==> flow/design.v <==
module my_switch #(
    parameter NBITS = 8
) (
    input  sys_clk,
    input  [NBITS-1:0] d0,
    input  [NBITS-1:0] d1,
    input  [NBITS-1:0] d2,
    input  [NBITS-1:0] d3,
    input  [NBITS-1:0] d4,
    input  [NBITS-1:0] d5,
    input  [NBITS-1:0] d6,
    input  [NBITS-1:0] d7,
    input  [NBITS-1:0] d8,
    input  [NBITS-1:0] d9,
    input  [3:0] sel,
    output [NBITS-1:0] z_o
);
    wire [NBITS-1:0] r;
    assign r =
        (sel == 4'd0) ? d0 :
        (sel == 4'd1) ? d1 :
        (sel == 4'd2) ? d2 :
        (sel == 4'd3) ? d3 :
        (sel == 4'd4) ? d4 :
        (sel == 4'd5) ? d5 :
        (sel == 4'd6) ? d6 :
        (sel == 4'd7) ? d7 :
        (sel == 4'd8) ? d8 :
        d9;
    reg [NBITS-1:0] r_z_o;
    always @(posedge sys_clk)
        r_z_o <= r;
    assign z_o = r_z_o;
endmodule
## From RTL to reports: my_switch

Tool output for the design above, in the order of the flow.
Line numbers count from 1 in the design file above.
Cell names lack the library's common part.
The mark -- stands for no value.

| inputs | value |
|---|---|
| design top | my_switch |
| clock input | sys_clk |
| library | sky130hd |
| timing corner | tt_025C_1v80 |

## Elaborated design

Yosys after proc, flatten, opt, wreduce and memory -nomap, before mapping. Enables and synchronous resets that opt folds into registers are not counted as muxes. Memory bits, and registers merged into a memory's read port (data or address), are not among the register bits. Print and check cells are not counted. Equal cells are merged and count once.

| storage and ports | value |
|---|---|
| bits in registers | 8 |
| input bits | 85 |
| output and inout bits | 8 |
| cells after elaboration | 19 |

| cells by class | value |
|---|---|
| equal/unequal tests | 8 |
| mux-type cells | 9 |
| reduce/logical cells | 1 |

Operator list:

| kind | number |
|---|---|
| 8-bit two-way mux | 9 |
| 4-bit by 3-bit == test with 1-bit output with constant B | 4 |
| 4-bit by 2-bit == test with 1-bit output with constant B | 2 |
| 4-bit by 1-bit == test with 1-bit output with constant B | 1 |
| 4-bit == test with constant B | 1 |
| 4-bit zero test | 1 |

## Longest topological paths

Depth = most cells in a row (Yosys ltp): at word level without a register or memory, in the mapped netlist without a sequential cell, where the memories' decode and read muxes count.

| logic depth | value |
|---|---|
| word-level depth | 10 |
| ABC_AREA | 0 |
| mapped depth | 6 |
| depth with buffers taken out | 4 |

## After synthesis

Yosys stat after the flow's synthesis: flattened, memories mapped to cells. It holds for the ABC_AREA given above (unset counts as 0); a run with the other value may have another netlist.
Totals and module areas in this step are rounded.

Cells by type:

| cell | number | area in all (sq um) |
|---|---|---|
| dfxtp_1 | 8 | 160.154 |
| mux4_1 | 4 | 105.101 |
| mux2i_1 | 9 | 90.086 |
| o211ai_1 | 12 | 90.086 |
| mux4_2 | 3 | 67.565 |
| a222oi_1 | 6 | 60.058 |
| a21o_1 | 7 | 52.55 |
| a32oi_1 | 6 | 52.55 |
| nand3b_1 | 6 | 45.043 |
| nor3b_1 | 6 | 45.043 |
| a31oi_1 | 7 | 43.792 |
| a21oi_1 | 8 | 40.038 |
| buf_2 | 8 | 40.038 |
| o21ai_0 | 8 | 40.038 |
| buf_4 | 5 | 37.536 |
| nor2_1 | 10 | 37.536 |
| inv_1 | 8 | 30.029 |
| or2b_1 | 4 | 30.029 |

Not listed: further types 22, cells in them 32.

| mapped netlist | value |
|---|---|
| standard cells after synthesis | 157 |
| synthesis area | 1300 sq um |
| sequential area | 160 sq um |
| flip-flop cells | 8 |
| buffers | 19 |

## Path before layout

Path of least setup slack by OpenSTA after synthesis, without wires, with an ideal clock, recovery checks aside; 20% of the period is set as input and as output delay. Where synthesis merged equal registers, the netlist keeps one of their names.

| path after synthesis | value |
|---|---|
| path kind | in2reg |
| start point | input sel[1] |
| end point | register r_z_o[4] |
| clock period | 1.73 ns |
| external input delay | 0.346 ns |
| library setup time | 0.122 ns |
| time at the first pin | 0.346 ns |
| arrival | 1.333 ns |
| data required time | 1.608 ns |
| path slack | 0.275 ns |
| path delay | 1.109 ns |
| driving pins on the path | 6 |
| buffers on the path | 2 |
| period reached after synthesis | 1.455 ns |

"path delay" is the arrival time less input delay plus setup time.
"driving pins on the path": output pins that drive a net of the path, with the launching flip-flop's if there is one; two outputs of one cell count as two.
"period reached after synthesis" is the clock period less the worst setup slack; recovery checks do not enter. This is arithmetic on one report: input and output delays are still those of the set period (20% each).
The rows between start and end are the longest chain of elaborated cells between them; the timing report does not say that the signal goes this way. Where chains are equally long, one stands for them.
Each line given opens the expression or statement behind the cell; cells for indexed reads and writes are added by Yosys, which also makes memories of some case tables.

| on the way, after synthesis | value |
|---|---|
| path through | buf_4 nor3_4 buf_6 nand3b_2 o211a_1 o32a_1 |
| cells in the longest elaborated chain | 10 |
| elaborated cells between the ends (all ways) | 18 |
| source lines of those cells | 9 |
| classes of those cells | eq/ne: 8; mux: 9; reduce/logical: 1 |

RTL lines, path after synthesis:

| element | RTL line | RTL |
|---|---|---|
| from (decl) | 15 | `input  [3:0] sel,` |
| 4-bit == test | 28 | `(sel == 4'd8) ? d8 :` |
| 8-bit two-way mux | 28 |  |
| 8-bit two-way mux | 27 | `(sel == 4'd7) ? d7 :` |
| 8-bit two-way mux | 26 | `(sel == 4'd6) ? d6 :` |
| 8-bit two-way mux | 25 | `(sel == 4'd5) ? d5 :` |
| 8-bit two-way mux | 24 | `(sel == 4'd4) ? d4 :` |
| 8-bit two-way mux | 23 | `(sel == 4'd3) ? d3 :` |
| 8-bit two-way mux | 22 | `(sel == 4'd2) ? d2 :` |
| 8-bit two-way mux | 21 | `(sel == 4'd1) ? d1 :` |
| 8-bit two-way mux | 20 | `(sel == 4'd0) ? d0 :` |
| to (assign) | 32 | `r_z_o <= r;` |
| to (decl) | 30 | `reg [NBITS-1:0] r_z_o;` |

## Path in the finished layout

From the final timing report of job 1: the path of least setup slack in the routed layout; clock arrival at registers is part of the times.

| path post-layout | value |
|---|---|
| path kind | in2reg |
| start point | input sel[0] |
| end point | register r_z_o[7] |
| clock period | 1.73 ns |
| external input delay | 0.35 ns |
| library setup time | 0.12 ns |
| time at the first pin | 0.35 ns |
| arrival | 1.72 ns |
| data required time | 1.88 ns |
| path slack | 0.16 ns |
| driving pins on the path | 7 |
| buffers on the path | 3 |

The rows between start and end are the longest chain of elaborated cells between them; the timing report does not say that the signal goes this way. Where chains are equally long, one stands for them.

| on the way, post-layout | value |
|---|---|
| path through | clkdlybuf4s15_1 buf_4 buf_4 inv_2 a21o_1 a222oi_1 o211ai_1 |
| cells in the longest elaborated chain | 10 |
| elaborated cells between the ends (all ways) | 18 |
| source lines of those cells | 9 |
| classes of those cells | eq/ne: 8; mux: 9; reduce/logical: 1 |

RTL lines, path post-layout:

| element | RTL line | RTL |
|---|---|---|
| from (decl) | 15 | `input  [3:0] sel,` |
| 4-bit == test | 28 | `(sel == 4'd8) ? d8 :` |
| 8-bit two-way mux | 28 |  |
| 8-bit two-way mux | 27 | `(sel == 4'd7) ? d7 :` |
| 8-bit two-way mux | 26 | `(sel == 4'd6) ? d6 :` |
| 8-bit two-way mux | 25 | `(sel == 4'd5) ? d5 :` |
| 8-bit two-way mux | 24 | `(sel == 4'd4) ? d4 :` |
| 8-bit two-way mux | 23 | `(sel == 4'd3) ? d3 :` |
| 8-bit two-way mux | 22 | `(sel == 4'd2) ? d2 :` |
| 8-bit two-way mux | 21 | `(sel == 4'd1) ? d1 :` |
| 8-bit two-way mux | 20 | `(sel == 4'd0) ? d0 :` |
| to (assign) | 32 | `r_z_o <= r;` |
| to (decl) | 30 | `reg [NBITS-1:0] r_z_o;` |

# Flow runs of my_switch

Design my_switch on sky130hd. What follows are 2 stored runs of the flow, each under its own settings; their order means nothing. The constraints put input and output delay at 20% of the set period each and load the outputs with 0.01 pF.
"clock period reached" means the clock period less the worst setup slack. The figure is calculated, with input and output delays left at 20% of the set period.
"time used up by the worst setup path" = time allowed to the worst setup path (clock period - input delay - output delay, where it has them) - its slack; a late launch clock adds to it, a late capture clock takes from it.
"overall power" is the tool's figure for a default switching activity; nothing was simulated.
Measured values are rounded.
Settings: n/a = not set for that run.

| item | job 1 | job 2 |
|---|---|---|
| period_ns | 1.73 | 1.04 |
| CAP_MARGIN | 20 | 20 |
| CORE_MARGIN | 2 | 8 |
| CORE_UTILIZATION | 40 | 27 |
| SLEW_MARGIN | 20 | 20 |
| PLACE_DENSITY | n/a | 0.87 |
| ABC_AREA | n/a | 1 |
| MIN_ROUTING_LAYER | n/a | met1 |
| MAX_ROUTING_LAYER | n/a | met5 |
| worst hold slack in the final report (ns) | 0.72 | 0.53 |
| clock period reached (ns) | 1.574 | 1.343 |
| Yosys chip area after synthesis (sq um) | 1300 | 1200 |
| setup slack of the worst path (ns) | 0.16 | -0.30 |
| std-cell area (final layout) (sq um) | 2400 | 2700 |
| time used up by the worst setup path (ns) | 1.23 | 1.13 |
| critical path type | in2reg | in2reg |
| overall power (mW) | 0.95 | 1.7 |
| full die area (sq um) | 3700 | 6900 |
